==> flow/design.v <==
module my_add_core_v2 #(
    parameter XLEN = 112
) (
    input logic clock,
    input logic resetn,
    input logic [XLEN-1:0] in_dataa,
    input logic [XLEN-1:0] in_datab,
    output logic [XLEN-1:0] out_res,
    output logic out_carry
);
    logic [XLEN-1:0] dataa_s;
    logic [XLEN-1:0] datab_s;
    always_ff @(posedge clock or negedge resetn) begin
        if (~resetn) begin
            dataa_s <= '0;
            datab_s <= '0;
        end else begin
            dataa_s <= in_dataa;
            datab_s <= in_datab;
        end
    end
    logic [XLEN-1:0] g;
    logic [XLEN-1:0] p;
    always_comb begin
        g = dataa_s & datab_s;
        p = dataa_s ^ datab_s;
        for (int t = 1; t < XLEN; t = t * 2) begin
            g = g | (p & (g << t));
            p = p & (p << t);
        end
    end
    assign out_res = dataa_s ^ datab_s ^ {g[XLEN-2:0], 1'b0};
    assign out_carry = g[XLEN-1];
endmodule
[From RTL to reports: my_add_core_v2]
Tool output for the design above, in the order of the flow.
Lines are those of the file above, counted from 1.
A cell with n/a has no value.
Design
  top module: my_add_core_v2
  clock input: clock
  library: sky130hd
  timing corner: tt_025C_1v80

[Word-level counts]
Counts by Yosys on the flattened word-level netlist (proc, flatten, opt, wreduce; memories kept). Register bits leave out memories and registers merged into their read ports (data or address); mux counts leave out enables and synchronous resets folded into registers. Print and check cells are left out. Cells with the same type and inputs are merged into one.
Bit counts
  register bits after elaboration: 224
  bits of input ports: 226
  output and inout port bits: 113
  cells after elaboration: 25
Operators by class
  bitwise gates (word level): 23
Operators with widths (number)
  bitwise AND 112 bit: 14
  OR 112 bit: 7
  bitwise XOR 112 bit: 2

[Depth]
Depth = most cells in a row (Yosys ltp): at word level without a register or memory, in the mapped netlist without a sequential cell, where the memories' decode and read muxes count.
Depth
  word-level depth: 16
  ABC_AREA: 0
  depth in mapped cells: 13

[Netlist]
Source: synth_stat.txt of the flow (Yosys; design flattened, memories mapped). It holds for the ABC_AREA given above (unset counts as 0); a run with the other value may have another netlist.
Mapped netlist
  standard cells after synthesis: 1323
  cell area after synthesis: 12739.7 sq um
  mapped flip-flops: 224
  buffers: 40
Cell types
  sky130_fd_sc_hd__dfrtp_1: number 224, total area 5.61E+03 sq um
  sky130_fd_sc_hd__ha_1: number 112, total area 1.4E+03 sq um
  sky130_fd_sc_hd__a21oi_1: number 181, total area 905.869 sq um
  sky130_fd_sc_hd__xnor2_1: number 62, total area 543.021 sq um
  sky130_fd_sc_hd__o21ai_0: number 104, total area 520.499 sq um
  sky130_fd_sc_hd__nand2_1: number 135, total area 506.736 sq um
  sky130_fd_sc_hd__xor2_1: number 48, total area 420.403 sq um
  sky130_fd_sc_hd__nor2_1: number 82, total area 307.795 sq um
  sky130_fd_sc_hd__a21o_1: number 34, total area 255.245 sq um
  sky130_fd_sc_hd__nand4_1: number 38, total area 237.728 sq um
  sky130_fd_sc_hd__o21a_1: number 21, total area 157.651 sq um
  sky130_fd_sc_hd__o21bai_1: number 19, total area 142.637 sq um
  sky130_fd_sc_hd__clkbuf_1: number 33, total area 123.869 sq um
  sky130_fd_sc_hd__inv_1: number 30, total area 112.608 sq um
  sky130_fd_sc_hd__nand3_1: number 18, total area 90.086 sq um
  sky130_fd_sc_hd__nor3_1: number 16, total area 80.077 sq um
  sky130_fd_sc_hd__a31oi_1: number 12, total area 75.072 sq um
  sky130_fd_sc_hd__nand2b_1: number 11, total area 68.816 sq um
Other cell types: 60; their cells: 143.

[Timing after synthesis]
Source: OpenSTA report_checks on the synthesized netlist (no wires, ideal clock, input and output delay 20% of the period each), path of least setup slack; recovery checks are left aside. Register names are those of the netlist, which keeps one name where synthesis merged equal registers.
Timing post-synthesis
  path kind: reg2out
  start point: register dataa_s[0]
  end point: output out_res[110]
  clock period: 4890 ps
  output delay: 978 ps
  time at the first pin: 0 ps
  data arrival time: 3129 ps
  setup slack: 783 ps
  delay of the path: 3129 ps
  driving pins on the path: 14
  buffers on the path: 0
  period reached after synthesis: 4107 ps
"delay of the path" is the arrival time less input delay plus setup time.
At an output port there is no setup time.
"driving pins on the path" counts driving pins, that of a launching flip-flop among them; a cell with two outputs on the path counts twice.
"period reached after synthesis" = period - worst setup slack (recovery checks aside). The figure is calculated, with input and output delays left at 20% of the set period.
Between the ends stands the longest chain of elaborated cells between them, by number of cells; it is not shown to be the way that was timed. Of several equally long chains one is given.
A line is the first line of the expression or statement that the cell stems from. Yosys adds cells for indexed reads and writes and turns some case tables into memories.
On the way, post-synthesis
  cells stage by stage: sky130_fd_sc_hd__dfrtp_1 -> sky130_fd_sc_hd__ha_1 -> sky130_fd_sc_hd__inv_1 -> sky130_fd_sc_hd__fa_1 -> sky130_fd_sc_hd__and2b_1 -> sky130_fd_sc_hd__o2111ai_1 -> sky130_fd_sc_hd__a21oi_1 -> sky130_fd_sc_hd__o2111ai_2 -> sky130_fd_sc_hd__a2111oi_4 -> sky130_fd_sc_hd__a211oi_2 -> sky130_fd_sc_hd__o41ai_4 -> sky130_fd_sc_hd__a31oi_2 -> sky130_fd_sc_hd__o21a_1 -> sky130_fd_sc_hd__xnor2_1
  cells in the longest elaborated chain: 14
Ends and longest elaborated chain, post-synthesis
  start: declaration: RTL line 11  | logic [XLEN-1:0] dataa_s;
  start: assignment: RTL line 15  | dataa_s <= '0;
  start: assignment: RTL line 18  | dataa_s <= in_dataa;
  bitwise AND 112 bit: RTL line 25  | g = dataa_s & datab_s;
  bitwise AND 112 bit: RTL line 28  | g = g | (p & (g << t));
  OR 112 bit (2 in a row): RTL line 28
  bitwise AND 112 bit: RTL line 28
  OR 112 bit: RTL line 28
  bitwise AND 112 bit: RTL line 28
  OR 112 bit (2 in a row): RTL line 28
  bitwise AND 112 bit: RTL line 28
  OR 112 bit: RTL line 28
  bitwise AND 112 bit: RTL line 28
  OR 112 bit: RTL line 28
  bitwise XOR 112 bit: RTL line 32  | assign out_res = dataa_s ^ datab_s ^ {g[XLEN-2:0], 1'b0};
  end: declaration: RTL line 8  | output logic [XLEN-1:0] out_res,

[Timing after layout]
Path of least setup slack in the final report of record 2 (OpenROAD, finished layout, wires in). Where an end is a register, its clock arrival counts in the times.
The path's times are printed in steps of 10 ps; the period is the one set.
Timing after layout
  path kind: reg2out
  start point: register datab_s[0]
  end point: output out_res[110]
  clock period: 4110 ps
  output delay: 820 ps
  time at the first pin: 560 ps
  data arrival time: 3860 ps
  setup slack: -570 ps
  driving pins on the path: 17
  buffers on the path: 3
Between the ends stands the longest chain of elaborated cells between them, by number of cells; it is not shown to be the way that was timed. Of several equally long chains one is given.
On the way, after layout
  cells stage by stage: sky130_fd_sc_hd__dfrtp_1 -> sky130_fd_sc_hd__ha_2 -> sky130_fd_sc_hd__inv_2 -> sky130_fd_sc_hd__fa_2 -> sky130_fd_sc_hd__and2b_1 -> sky130_fd_sc_hd__o2111ai_2 -> sky130_fd_sc_hd__a21oi_2 -> sky130_fd_sc_hd__o2111ai_2 -> sky130_fd_sc_hd__a2111oi_4 -> sky130_fd_sc_hd__buf_4 -> sky130_fd_sc_hd__a211oi_4 -> sky130_fd_sc_hd__o41ai_4 -> sky130_fd_sc_hd__buf_4 -> sky130_fd_sc_hd__a31oi_4 -> sky130_fd_sc_hd__o21a_1 -> sky130_fd_sc_hd__xnor2_1 -> sky130_fd_sc_hd__buf_2
  cells in the longest elaborated chain: 14
Ends and longest elaborated chain, after layout
  start: declaration: RTL line 12  | logic [XLEN-1:0] datab_s;
  start: assignment: RTL line 16  | datab_s <= '0;
  start: assignment: RTL line 19  | datab_s <= in_datab;
  bitwise AND 112 bit: RTL line 25  | g = dataa_s & datab_s;
  bitwise AND 112 bit: RTL line 28  | g = g | (p & (g << t));
  OR 112 bit (2 in a row): RTL line 28
  bitwise AND 112 bit: RTL line 28
  OR 112 bit: RTL line 28
  bitwise AND 112 bit: RTL line 28
  OR 112 bit (2 in a row): RTL line 28
  bitwise AND 112 bit: RTL line 28
  OR 112 bit: RTL line 28
  bitwise AND 112 bit: RTL line 28
  OR 112 bit: RTL line 28
  bitwise XOR 112 bit: RTL line 32  | assign out_res = dataa_s ^ datab_s ^ {g[XLEN-2:0], 1'b0};
  end: declaration: RTL line 8  | output logic [XLEN-1:0] out_res,

Design my_add_core_v2 on sky130hd. What follows are 3 stored runs of the flow, each under its own settings; their order means nothing. The constraints put input and output delay at 20% of the set period each and load the outputs with 0.01 pF.
"worst setup path time": the worst setup path's part of the clock period (all of it between registers, 20% less for each end at a port) less its slack. A launch clock that arrives late makes it longer, a capture clock that arrives late makes it shorter.
"power" is the tool's figure for a default switching activity; nothing was simulated.
"worst setup path time" is known to 10 ps.

Record 1
==> flow/run.sh <==
#!/bin/bash
# the make line also repeats the synthesis and layout settings of config.mk as NAME=value (left out here)
make -C /OpenROAD-flow-scripts/flow DESIGN_CONFIG=/design/flow/config.mk WORK_HOME=/design/flow/orfs CLKGATE_MAP_FILE= finish
==> flow/config.mk <==
export PLATFORM = sky130hd
export DESIGN_NAME = my_add_core_v2
export DESIGN_NICKNAME = my_add_core_v2
export VERILOG_FILES = /design/flow/design.v
export SDC_FILE = /design/flow/constraint.sdc
export NUM_CORES = 4
export LEC_CHECK = 0
export ABC_AREA = 0
export CAP_MARGIN = 10
export CELL_PAD_IN_SITES_DETAIL_PLACEMENT = 1
export CORE_MARGIN = 2
export CORE_UTILIZATION = 68
export GPL_ROUTABILITY_DRIVEN = 1
export GPL_TIMING_DRIVEN = 1
export MAX_ROUTING_LAYER = met5
export PLACE_DENSITY = 0.94
export SETUP_SLACK_MARGIN = -0.25
export SLEW_MARGIN = 20
export TNS_END_PERCENT = 70
==> flow/constraint.sdc <==
create_clock -name core_clock -period 7.23 [get_ports {clock}]
set_input_delay 1.4460 -clock core_clock [delete_from_list [all_inputs] [get_ports {clock}]]
set_output_delay 1.4460 -clock core_clock [all_outputs]
set_load 0.01 [all_outputs]

==> results of record 1 <==
did not finish, placement stopped with DPL-0033

Record 2
==> flow/run.sh <==
#!/bin/bash
# the make line also repeats the synthesis and layout settings of config.mk as NAME=value (left out here)
make -C /OpenROAD-flow-scripts/flow DESIGN_CONFIG=/design/flow/config.mk WORK_HOME=/design/flow/orfs CLKGATE_MAP_FILE= finish
==> flow/config.mk <==
export PLATFORM = sky130hd
export DESIGN_NAME = my_add_core_v2
export DESIGN_NICKNAME = my_add_core_v2
export VERILOG_FILES = /design/flow/design.v
export SDC_FILE = /design/flow/constraint.sdc
export NUM_CORES = 4
export LEC_CHECK = 0
export CAP_MARGIN = 20
export CELL_PAD_IN_SITES_GLOBAL_PLACEMENT = 1
export CORE_ASPECT_RATIO = 1.2
export CORE_MARGIN = 2
export CORE_UTILIZATION = 35
export CTS_CLUSTER_SIZE = 20
export HOLD_SLACK_MARGIN = 0.08
export PLACE_DENSITY_LB_ADDON = 0.25
export SLEW_MARGIN = 20
==> flow/constraint.sdc <==
create_clock -name core_clock -period 4.11 [get_ports {clock}]
set_input_delay 0.8220 -clock core_clock [delete_from_list [all_inputs] [get_ports {clock}]]
set_output_delay 0.8220 -clock core_clock [all_outputs]
set_load 0.01 [all_outputs]

==> results of record 2 <==
chip area after synthesis (Yosys): 12,739.7 sq um
die area: 37,947.2 sq um
standard-cell area of the final layout: 21,977.3 sq um
worst setup slack after layout: -570 ps
total negative slack: -23,608 ps
power: 0.007487 W
worst setup path time: 3,860 ps
worst setup path kind: reg2out

Record 3
==> flow/run.sh <==
#!/bin/bash
# the make line also repeats the synthesis and layout settings of config.mk as NAME=value (left out here)
make -C /OpenROAD-flow-scripts/flow DESIGN_CONFIG=/design/flow/config.mk WORK_HOME=/design/flow/orfs CLKGATE_MAP_FILE= finish
==> flow/config.mk <==
export PLATFORM = sky130hd
export DESIGN_NAME = my_add_core_v2
export DESIGN_NICKNAME = my_add_core_v2
export VERILOG_FILES = /design/flow/design.v
export SDC_FILE = /design/flow/constraint.sdc
export NUM_CORES = 4
export LEC_CHECK = 0
export CAP_MARGIN = 20
export CORE_MARGIN = 2
export CORE_UTILIZATION = 40
export SLEW_MARGIN = 20
==> flow/constraint.sdc <==
create_clock -name core_clock -period 4.89 [get_ports {clock}]
set_input_delay 0.9780 -clock core_clock [delete_from_list [all_inputs] [get_ports {clock}]]
set_output_delay 0.9780 -clock core_clock [all_outputs]
set_load 0.01 [all_outputs]

==> results of record 3 <==
chip area after synthesis (Yosys): 12,739.7 sq um
die area: 33,293.5 sq um
standard-cell area of the final layout: 18,273.8 sq um
worst setup slack after layout: -60 ps
total negative slack: -112 ps
power: 0.005845 W
worst setup path time: 3,970 ps
worst setup path kind: reg2out
